==> flow/design.v <==
module core_mux_stage #(
    parameter DATA_WIDTH = 20,
    parameter N = 3,
    parameter SEL_W = $clog2(N)
) (
    input  clk_i,
    input  nrst,
    input  [N*DATA_WIDTH-1:0] i_in,
    input  [SEL_W-1:0] i_pick,
    output reg [DATA_WIDTH-1:0] o_res
);
    wire [N-1:0] hot;
    assign hot = {{(N-1){1'b0}}, 1'b1} << i_pick;
    reg [DATA_WIDTH-1:0] nxt;
    integer i;
    always @(*) begin
        nxt = 0;
        for (i = 0; i < N; i = i + 1)
            nxt = nxt | (i_in[i*DATA_WIDTH +: DATA_WIDTH] & {DATA_WIDTH{hot[i]}});
    end
    always @(posedge clk_i or negedge nrst) begin
        if (~nrst) begin
            o_res <= 0;
        end else begin
            o_res <= nxt;
        end
    end
endmodule
---- From RTL to reports: core_mux_stage ----
What the tools print for core_mux_stage, step after step.
Lines are those of the file above, counted from 1.
The mark n/a stands for no value.
inputs
  top module .............................. core_mux_stage
  clock port .............................. clk_i
  standard-cell library ................... sky130hd
  library corner .......................... tt_025C_1v80

---- After elaboration ----
Counts by Yosys on the flattened word-level netlist (proc, flatten, opt, wreduce; memories kept). Register bits leave out memories and registers merged into their read ports (data or address); mux counts leave out enables and synchronous resets folded into registers. Print and check cells are left out. Cells with the same type and inputs are merged into one.
storage and ports
  flip-flop bits (word level) ............. 20
  cells after elaboration ................. 7
  output and inout bits ................... 20
  input bits .............................. 64
operators by class
  bitwise gates (word level) .............. 5
  shift operators ......................... 1
operator list
  operator                                                     count
  20-bit AND                                                   3
  20-bit bitwise OR                                            2
  1-bit by 2-bit << shifter with 3-bit output with constant A  1

---- Longest topological paths ----
Yosys ltp: most cells in a row. Word level: on the elaborated netlist, between registers, memories and ports. Mapped: between sequential cells and ports; inverters and the memories' decode and read muxes count.
logic depth
  depth in word-level cells ............... 4
  ABC_AREA ................................ 0
  gate-level depth with buffers ........... 3
  mapped depth without buffers ............ 2

---- Netlist ----
Source: synth_stat.txt of the flow (Yosys; design flattened, memories mapped). It holds for the ABC_AREA given above (unset counts as 0); a run with the other value may have another netlist.
Totals and module areas in this step are rounded.
mapped netlist
  area of sequential cells ................ 500 µm²
  mapped flip-flops ....................... 20
  cell count .............................. 67
  chip area (Yosys) ....................... 922 µm²
  buffers ................................. 6
cell types
  type                        count  total area (µm²)
  sky130_fd_sc_hd__dfrtp_1    20     500.48
  sky130_fd_sc_hd__mux2i_1    20     200.192
  sky130_fd_sc_hd__o2bb2ai_1  20     175.168
  sky130_fd_sc_hd__buf_6      2      22.522
  sky130_fd_sc_hd__buf_2      2      10.01
  sky130_fd_sc_hd__clkbuf_1   2      7.507
  sky130_fd_sc_hd__nor2b_1    1      6.256

---- Timing after synthesis ----
Path of least setup slack by OpenSTA after synthesis, without wires, with an ideal clock, recovery checks aside; 20% of the period is set as input and as output delay. Where synthesis merged equal registers, the netlist keeps one of their names.
timing post-synthesis
  path type ............................... input -> register
  start point ............................. in i_pick[1]
  end point ............................... reg o_res[0]
  stages on the path ...................... 3
  time at the first pin ................... 0.161 ns
  data required time ...................... 0.676 ns
  period .................................. 0.806 ns
  path slack .............................. 0.129 ns
  arrival ................................. 0.547 ns
  buffers on the path ..................... 1
  path delay .............................. 0.516 ns
  external input delay .................... 0.161 ns
  library setup time ...................... 0.130 ns
  period reached after synthesis .......... 0.677 ns
"path delay" is the arrival time less input delay plus setup time.
"stages on the path": output pins that drive a net of the path, with the launching flip-flop's if there is one; two outputs of one cell count as two.
"period reached after synthesis" = period - worst setup slack (recovery checks aside). The figure is calculated, with input and output delays left at 20% of the set period.
Between the ends stands the longest chain of elaborated cells between them, by number of cells; it is not shown to be the way that was timed. Of several equally long chains one is given.
A line is the first line of the expression or statement that the cell stems from. Yosys adds cells for indexed reads and writes and turns some case tables into memories.
on the way, post-synthesis
  cell sequence ........................... sky130_fd_sc_hd__nor2b_1 > sky130_fd_sc_hd__buf_2 > sky130_fd_sc_hd__o2bb2ai_1
  length of the longest elaborated chain .. 4
  elaborated cells on any way between the ends .. 6
  RTL lines with such cells ............... 2
  those cells by class .................... 1 x shift; 5 x logic
ends and longest elaborated chain, post-synthesis
  item                                         RTL line  RTL
  start: declaration                           9         input  [SEL_W-1:0] i_pick,
  1-bit by 2-bit << shifter with 3-bit output  13        assign hot = {{(N-1){1'b0}}, 1'b1} << i_pick;
  20-bit AND                                   19        nxt = nxt | (i_in[i*DATA_WIDTH +: DATA_WIDTH] & {DATA_WIDTH{hot[i]}});
  20-bit bitwise OR (2 in a row)               19
  end: assignment                              23        o_res <= 0;
  end: assignment                              25        o_res <= nxt;
  end: declaration                             10        output reg [DATA_WIDTH-1:0] o_res

---- Timing after layout ----
From the final timing report of job 1: the path of least setup slack in the routed layout; clock arrival at registers is part of the times.
timing after layout
  path type ............................... register -> output
  start point ............................. reg o_res[5]
  end point ............................... out o_res[5]
  buffers on the path ..................... 1
  data required time ...................... 0.69 ns
  arrival ................................. 0.82 ns
  stages on the path ...................... 2
  time at the first pin ................... 0.30 ns
  period .................................. 0.863 ns
  path slack .............................. -0.13 ns
  output delay ............................ 0.17 ns
on the way, after layout
  cell sequence ........................... sky130_fd_sc_hd__dfrtp_1 > sky130_fd_sc_hd__buf_6
  length of the longest elaborated chain .. 0
  elaborated cells on any way between the ends .. 0
  RTL lines with such cells ............... 0
ends and longest elaborated chain, after layout
  item                RTL line  RTL
  start: declaration  10        output reg [DATA_WIDTH-1:0] o_res
  start: assignment   23        o_res <= 0;
  start: assignment   25        o_res <= nxt;
  end: declaration    10

Subject: core_mux_stage on sky130hd, stored results

Hello all,

Top module core_mux_stage; platform sky130hd; tools Yosys and OpenROAD; 3 stored runs in no particular order. Input and output delays are each 20% of the period that was set; the output load is 0.01 pF.
"clock period achieved": clock period set for the run, less the worst setup slack. It is reckoned from that one timing run; input and output delays stay at 20% of the period that was set.
By "worst path time" is meant the share of the clock period that the worst setup path is allowed (20% is reserved at inputs, 20% at outputs), minus its slack. Clock arrival times at its registers enter into it.
"total power after layout": no workload was simulated; the value follows from the tool's default switching activity.
The measured numbers are rounded.

---- job 1 ----
settings
  period_ns = 0.863
  CORE_UTILIZATION = 28
  SETUP_SLACK_MARGIN = 0.18
  PLACE_DENSITY = 0.49
  CELL_PAD_IN_SITES_DETAIL_PLACEMENT = 1
  GPL_ROUTABILITY_DRIVEN = 0
  CTS_CLUSTER_SIZE = 69
  CAP_MARGIN = 0
  CORE_MARGIN = 2
  SLEW_MARGIN = 20
results
  post-layout utilization ................. 0.587
  Yosys chip area after synthesis ......... 922 µm²
  summed negative setup slack ............. -2.30 ns
  standard-cell area of the final layout .. 1,820 µm²
  die size ................................ 3,770 µm²
  smallest setup slack .................... -0.128 ns
  clock period achieved ................... 0.991 ns
  worst path time ......................... 0.82 ns
  worst path kind ......................... register -> output
  total power after layout ................ 2,170 uW

---- job 2 ----
settings
  period_ns = 0.507
  CORE_UTILIZATION = 47
  PLACE_DENSITY = 0.69
  CORE_ASPECT_RATIO = 1.28
  TNS_END_PERCENT = 75
  GPL_TIMING_DRIVEN = 0
  CTS_CLUSTER_SIZE = 70
  SLEW_MARGIN = 20
  MIN_ROUTING_LAYER = met1
  CAP_MARGIN = 20
  CORE_MARGIN = 2
results
  incomplete, placement halted on GPL-0301

---- job 3 ----
settings
  period_ns = 0.806
  CAP_MARGIN = 20
  CORE_MARGIN = 2
  CORE_UTILIZATION = 40
  SLEW_MARGIN = 20
results
  post-layout utilization ................. 0.821
  Yosys chip area after synthesis ......... 922 µm²
  summed negative setup slack ............. -3.37 ns
  standard-cell area of the final layout .. 1,800 µm²
  die size ................................ 2,710 µm²
  smallest setup slack .................... -0.181 ns
  clock period achieved ................... 0.987 ns
  worst path time ......................... 0.83 ns
  worst path kind ......................... register -> output
  total power after layout ................ 2,420 uW

Thanks
